==> flow/design.v <==
module cpu_summer_stage #(
    parameter DWIDTH = 4
) (
    input  logic sys_clk,
    input  logic nrst,
    input  logic [DWIDTH-1:0] rs1_i,
    input  logic [DWIDTH-1:0] rs2_i,
    output logic [DWIDTH-1:0] o_o
);
    logic [DWIDTH-1:0] rs1_s;
    logic [DWIDTH-1:0] rs2_s;
    always_ff @(posedge sys_clk) begin
        if (~nrst) begin
            rs1_s <= 0;
            rs2_s <= 0;
        end else begin
            rs1_s <= rs1_i;
            rs2_s <= rs2_i;
        end
    end
    logic [DWIDTH:0] work;
    assign work = rs1_s + rs2_s;
    always_ff @(posedge sys_clk) begin
        if (~nrst) begin
            o_o <= 0;
        end else begin
            o_o <= work[DWIDTH] ? {DWIDTH{1'b1}} : work[DWIDTH-1:0];
        end
    end
endmodule
Tool chain data of cpu_summer_stage
What the tools print for cpu_summer_stage, step after step. Lines are those of the file above, counted from 1. Operators carry their Yosys type and port widths (W data, S select, Z words). A cell with - has no value.

Top module: cpu_summer_stage. Clock: sys_clk. Library: sky130hd. Corner: tt_025C_1v80.

After elaboration
Source: Yosys, flattened and elaborated, memories not mapped. Widths are those after wreduce; folded enables and synchronous resets count as part of the registers. Registers that Yosys merges into a memory's read port (data or address) are not register bits. Print and check cells do not count. Equal cells are merged and count once.

The figure for word-level cells is 5. Under bits of input ports stands 10. The entry for flip-flop bits (word level) reads 12. The figure for output and inout port bits is 4.

Multiplexer cells: 1. $add $sub $neg: 1.

Operators with widths (number): $add A4 B4 Y5 (1); $mux W4 (1).

Logic depth
Longest topological path by Yosys (ltp), each cell counted once; first at word level (registers and memories cut), then after technology mapping (sequential cells cut; the memories' decode and read muxes count).

Depth in word-level cells: 2. ABC_AREA: 0. For gate-level depth with buffers the number is 6. For gate-level depth less buffers the number is 6.

Netlist
Source: synth_stat.txt of the flow (Yosys; design flattened, memories mapped). It holds for the ABC_AREA given above (unset counts as 0); a run with the other value may have another netlist. The area totals of this step are shown rounded.

Cells by type: sky130_fd_sc_hd__dfxtp_1 (number 12, area in all 240.23 um^2); sky130_fd_sc_hd__and2_1 (number 8, area in all 50.048 um^2); sky130_fd_sc_hd__ha_1 (number 4, area in all 50.048 um^2); sky130_fd_sc_hd__o31a_1 (number 3, area in all 26.275 um^2); sky130_fd_sc_hd__fa_1 (number 1, area in all 20.019 um^2); sky130_fd_sc_hd__inv_1 (number 4, area in all 15.014 um^2); sky130_fd_sc_hd__a21oi_1 (number 2, area in all 10.01 um^2); sky130_fd_sc_hd__o41ai_1 (number 1, area in all 8.758 um^2); sky130_fd_sc_hd__xnor2_1 (number 1, area in all 8.758 um^2); sky130_fd_sc_hd__a21boi_0 (number 1, area in all 7.507 um^2); sky130_fd_sc_hd__o21a_1 (number 1, area in all 7.507 um^2); sky130_fd_sc_hd__nor2b_1 (number 1, area in all 6.256 um^2); sky130_fd_sc_hd__nor4_1 (number 1, area in all 6.256 um^2); sky130_fd_sc_hd__nor3_1 (number 1, area in all 5.005 um^2); sky130_fd_sc_hd__clkbuf_1 (number 1, area in all 3.754 um^2); sky130_fd_sc_hd__nand2_1 (number 1, area in all 3.754 um^2).

Flip-flops: 12. Under buffer cells stands 1. The entry for area of sequential cells reads 240 um^2. For synthesis area the number is 469 um^2. Cells in the netlist: 43.

Path before layout
Path of least setup slack by OpenSTA after synthesis, without wires, with an ideal clock, recovery checks aside; 20% of the period is set as input and as output delay. Where synthesis merged equal registers, the netlist keeps one of their names.

Kind: register to register. Start: reg rs1_s[0]. End: reg o_o[2]. Slack: 0.338 ns. For setup time the number is 0.120 ns. Path buffers: 0. For path delay the number is 1.362 ns. For period the number is 1.7 ns. Under time at the first pin stands 0.000 ns. Stages: 6. The entry for required time reads 1.580 ns. The figure for arrival is 1.242 ns. For synthesis period reached the number is 1.362 ns.

"path delay" = arrival - input delay + setup time. "stages": output pins that drive a net of the path, with the launching flip-flop's if there is one; two outputs of one cell count as two. "synthesis period reached" = period - worst setup slack (recovery checks aside). The figure is calculated, with input and output delays left at 20% of the set period. Between the ends stands the longest chain of elaborated cells between them, by number of cells; it is not shown to be the way that was timed. Of several equally long chains one is given. Each line given opens the expression or statement behind the cell; cells for indexed reads and writes are added by Yosys, which also makes memories of some case tables.

Path through: sky130_fd_sc_hd__dfxtp_1 > sky130_fd_sc_hd__ha_1 > sky130_fd_sc_hd__inv_1 > sky130_fd_sc_hd__fa_1 > sky130_fd_sc_hd__xnor2_1 > sky130_fd_sc_hd__o31a_1. Under cells in the longest elaborated chain stands 2. The figure for elaborated cells on any way between the ends is 2. Source lines of those cells: 2. Those cells by class: add/sub (1); mux (1).

Ends and longest elaborated chain, post-synthesis: start, declared (RTL line 10) `logic [DWIDTH-1:0] rs1_s;`; start, assigned (RTL line 14) `rs1_s <= 0;`; start, assigned (RTL line 17) `rs1_s <= rs1_i;`; $add A4 B4 Y5 (RTL line 22) `assign work = rs1_s + rs2_s;`; $mux W4 (RTL line 27) `o_o <= work[DWIDTH] ? {DWIDTH{1'b1}} : work[DWIDTH-1:0];`; end, assigned (RTL line 25) `o_o <= 0;`; end, assigned (RTL line 27); end, declared (RTL line 8) `output logic [DWIDTH-1:0] o_o`.

Path in the finished layout
Path of least setup slack in the final report of job 1 (OpenROAD, finished layout, wires in). Where an end is a register, its clock arrival counts in the times.

Kind: register to register. Start: reg rs1_s[0]. End: reg o_o[2]. Stages: 6. Under time at the first pin stands 0.26 ns. Path buffers: 0. The entry for required time reads 1.85 ns. The figure for arrival is 1.59 ns. Slack: 0.26 ns. For setup time the number is 0.11 ns. For period the number is 1.7 ns.

Between the ends stands the longest chain of elaborated cells between them, by number of cells; it is not shown to be the way that was timed. Of several equally long chains one is given.

Path through: sky130_fd_sc_hd__dfxtp_1 > sky130_fd_sc_hd__ha_1 > sky130_fd_sc_hd__inv_1 > sky130_fd_sc_hd__fa_1 > sky130_fd_sc_hd__xnor2_1 > sky130_fd_sc_hd__o31a_1. Under cells in the longest elaborated chain stands 2. The figure for elaborated cells on any way between the ends is 2. Source lines of those cells: 2. Those cells by class: add/sub (1); mux (1).

Ends and longest elaborated chain, after layout: start, declared (RTL line 10) `logic [DWIDTH-1:0] rs1_s;`; start, assigned (RTL line 14) `rs1_s <= 0;`; start, assigned (RTL line 17) `rs1_s <= rs1_i;`; $add A4 B4 Y5 (RTL line 22) `assign work = rs1_s + rs2_s;`; $mux W4 (RTL line 27) `o_o <= work[DWIDTH] ? {DWIDTH{1'b1}} : work[DWIDTH-1:0];`; end, assigned (RTL line 25) `o_o <= 0;`; end, assigned (RTL line 27); end, declared (RTL line 8) `output logic [DWIDTH-1:0] o_o`.

Add stored flow runs of cpu_summer_stage

Measured results for cpu_summer_stage: 3 stored runs of the Yosys and OpenROAD flow on sky130hd. The settings differ; the order carries no meaning. The constraints put input and output delay at 20% of the set period each and load the outputs with 0.01 pF. "period reached" means the clock period less the worst setup slack. The figure is calculated, with input and output delays left at 20% of the set period. By "time used up by the worst setup path" is meant the share of the clock period that the worst setup path is allowed (20% is reserved at inputs, 20% at outputs), minus its slack. Clock arrival times at its registers enter into it. By "total power after layout" is meant OpenSTA's value without simulated activity: inputs other than the clock are taken to toggle once in ten clock periods, and the tool carries that through the logic. The results are shown rounded.

Files of job 1:
==> flow/run.sh <==
#!/bin/bash
# the make line also repeats the synthesis and layout settings of config.mk as NAME=value (left out here)
make -C /OpenROAD-flow-scripts/flow DESIGN_CONFIG=/design/flow/config.mk WORK_HOME=/design/flow/orfs CLKGATE_MAP_FILE= finish
==> flow/config.mk <==
export PLATFORM = sky130hd
export DESIGN_NAME = cpu_summer_stage
export DESIGN_NICKNAME = cpu_summer_stage
export VERILOG_FILES = /design/flow/design.v
export SDC_FILE = /design/flow/constraint.sdc
export NUM_CORES = 4
export LEC_CHECK = 0
export CAP_MARGIN = 20
export CORE_MARGIN = 2
export CORE_UTILIZATION = 40
export SLEW_MARGIN = 20
==> flow/constraint.sdc <==
create_clock -name core_clock -period 1.7 [get_ports {sys_clk}]
set_input_delay 0.3400 -clock core_clock [delete_from_list [all_inputs] [get_ports {sys_clk}]]
set_output_delay 0.3400 -clock core_clock [all_outputs]
set_load 0.01 [all_outputs]

Results of job 1. The time used up by the worst setup path comes to 1.44 ns. Worst path kind: register to register. The post-synthesis cell area comes to 469 um^2. The measured total die area is 1460 um^2. The sum of negative setup slack stands at 0.000 ns. The worst setup slack after layout stands at 0.256 ns. The total power after layout reads 0.612 mW. The measured period reached is 1.444 ns. The utilization of the finished layout stands at 59.9%.

Files of job 2:
==> flow/run.sh <==
#!/bin/bash
# the make line also repeats the synthesis and layout settings of config.mk as NAME=value (left out here)
make -C /OpenROAD-flow-scripts/flow DESIGN_CONFIG=/design/flow/config.mk WORK_HOME=/design/flow/orfs CLKGATE_MAP_FILE= finish
==> flow/config.mk <==
export PLATFORM = sky130hd
export DESIGN_NAME = cpu_summer_stage
export DESIGN_NICKNAME = cpu_summer_stage
export VERILOG_FILES = /design/flow/design.v
export SDC_FILE = /design/flow/constraint.sdc
export NUM_CORES = 4
export LEC_CHECK = 0
export ABC_AREA = 1
export CAP_MARGIN = 10
export CORE_ASPECT_RATIO = 0.67
export CORE_MARGIN = 2
export CORE_UTILIZATION = 66
export CTS_CLUSTER_SIZE = 100
export GPL_TIMING_DRIVEN = 0
export MAX_ROUTING_LAYER = met4
export MIN_ROUTING_LAYER = met2
export PLACE_DENSITY_LB_ADDON = 0.19
export SLEW_MARGIN = 20
==> flow/constraint.sdc <==
create_clock -name core_clock -period 1.47 [get_ports {sys_clk}]
set_input_delay 0.2940 -clock core_clock [delete_from_list [all_inputs] [get_ports {sys_clk}]]
set_output_delay 0.2940 -clock core_clock [all_outputs]
set_load 0.01 [all_outputs]

Outcome of job 2: incomplete, floorplanning halted on PDN-0185.

Files of job 3:
==> flow/run.sh <==
#!/bin/bash
# the make line also repeats the synthesis and layout settings of config.mk as NAME=value (left out here)
make -C /OpenROAD-flow-scripts/flow DESIGN_CONFIG=/design/flow/config.mk WORK_HOME=/design/flow/orfs CLKGATE_MAP_FILE= finish
==> flow/config.mk <==
export PLATFORM = sky130hd
export DESIGN_NAME = cpu_summer_stage
export DESIGN_NICKNAME = cpu_summer_stage
export VERILOG_FILES = /design/flow/design.v
export SDC_FILE = /design/flow/constraint.sdc
export NUM_CORES = 4
export LEC_CHECK = 0
export CAP_MARGIN = 5
export CELL_PAD_IN_SITES_GLOBAL_PLACEMENT = 1
export CORE_MARGIN = 2
export CORE_UTILIZATION = 20
export GPL_TIMING_DRIVEN = 1
export HOLD_SLACK_MARGIN = 0.29
export PLACE_DENSITY_LB_ADDON = 0.27
export SETUP_SLACK_MARGIN = -0.19
export SLEW_MARGIN = 10
export TNS_END_PERCENT = 85
==> flow/constraint.sdc <==
create_clock -name core_clock -period 2.03 [get_ports {sys_clk}]
set_input_delay 0.4060 -clock core_clock [delete_from_list [all_inputs] [get_ports {sys_clk}]]
set_output_delay 0.4060 -clock core_clock [all_outputs]
set_load 0.01 [all_outputs]

Results of job 3. The measured period reached is 1.502 ns. The post-synthesis cell area comes to 469 um^2. The total power after layout reads 0.472 mW. The worst setup slack after layout stands at 0.528 ns. The time used up by the worst setup path comes to 1.10 ns. Worst path kind: register to output. The measured total die area is 2750 um^2. The sum of negative setup slack stands at 0.000 ns. The utilization of the finished layout stands at 29.9%.
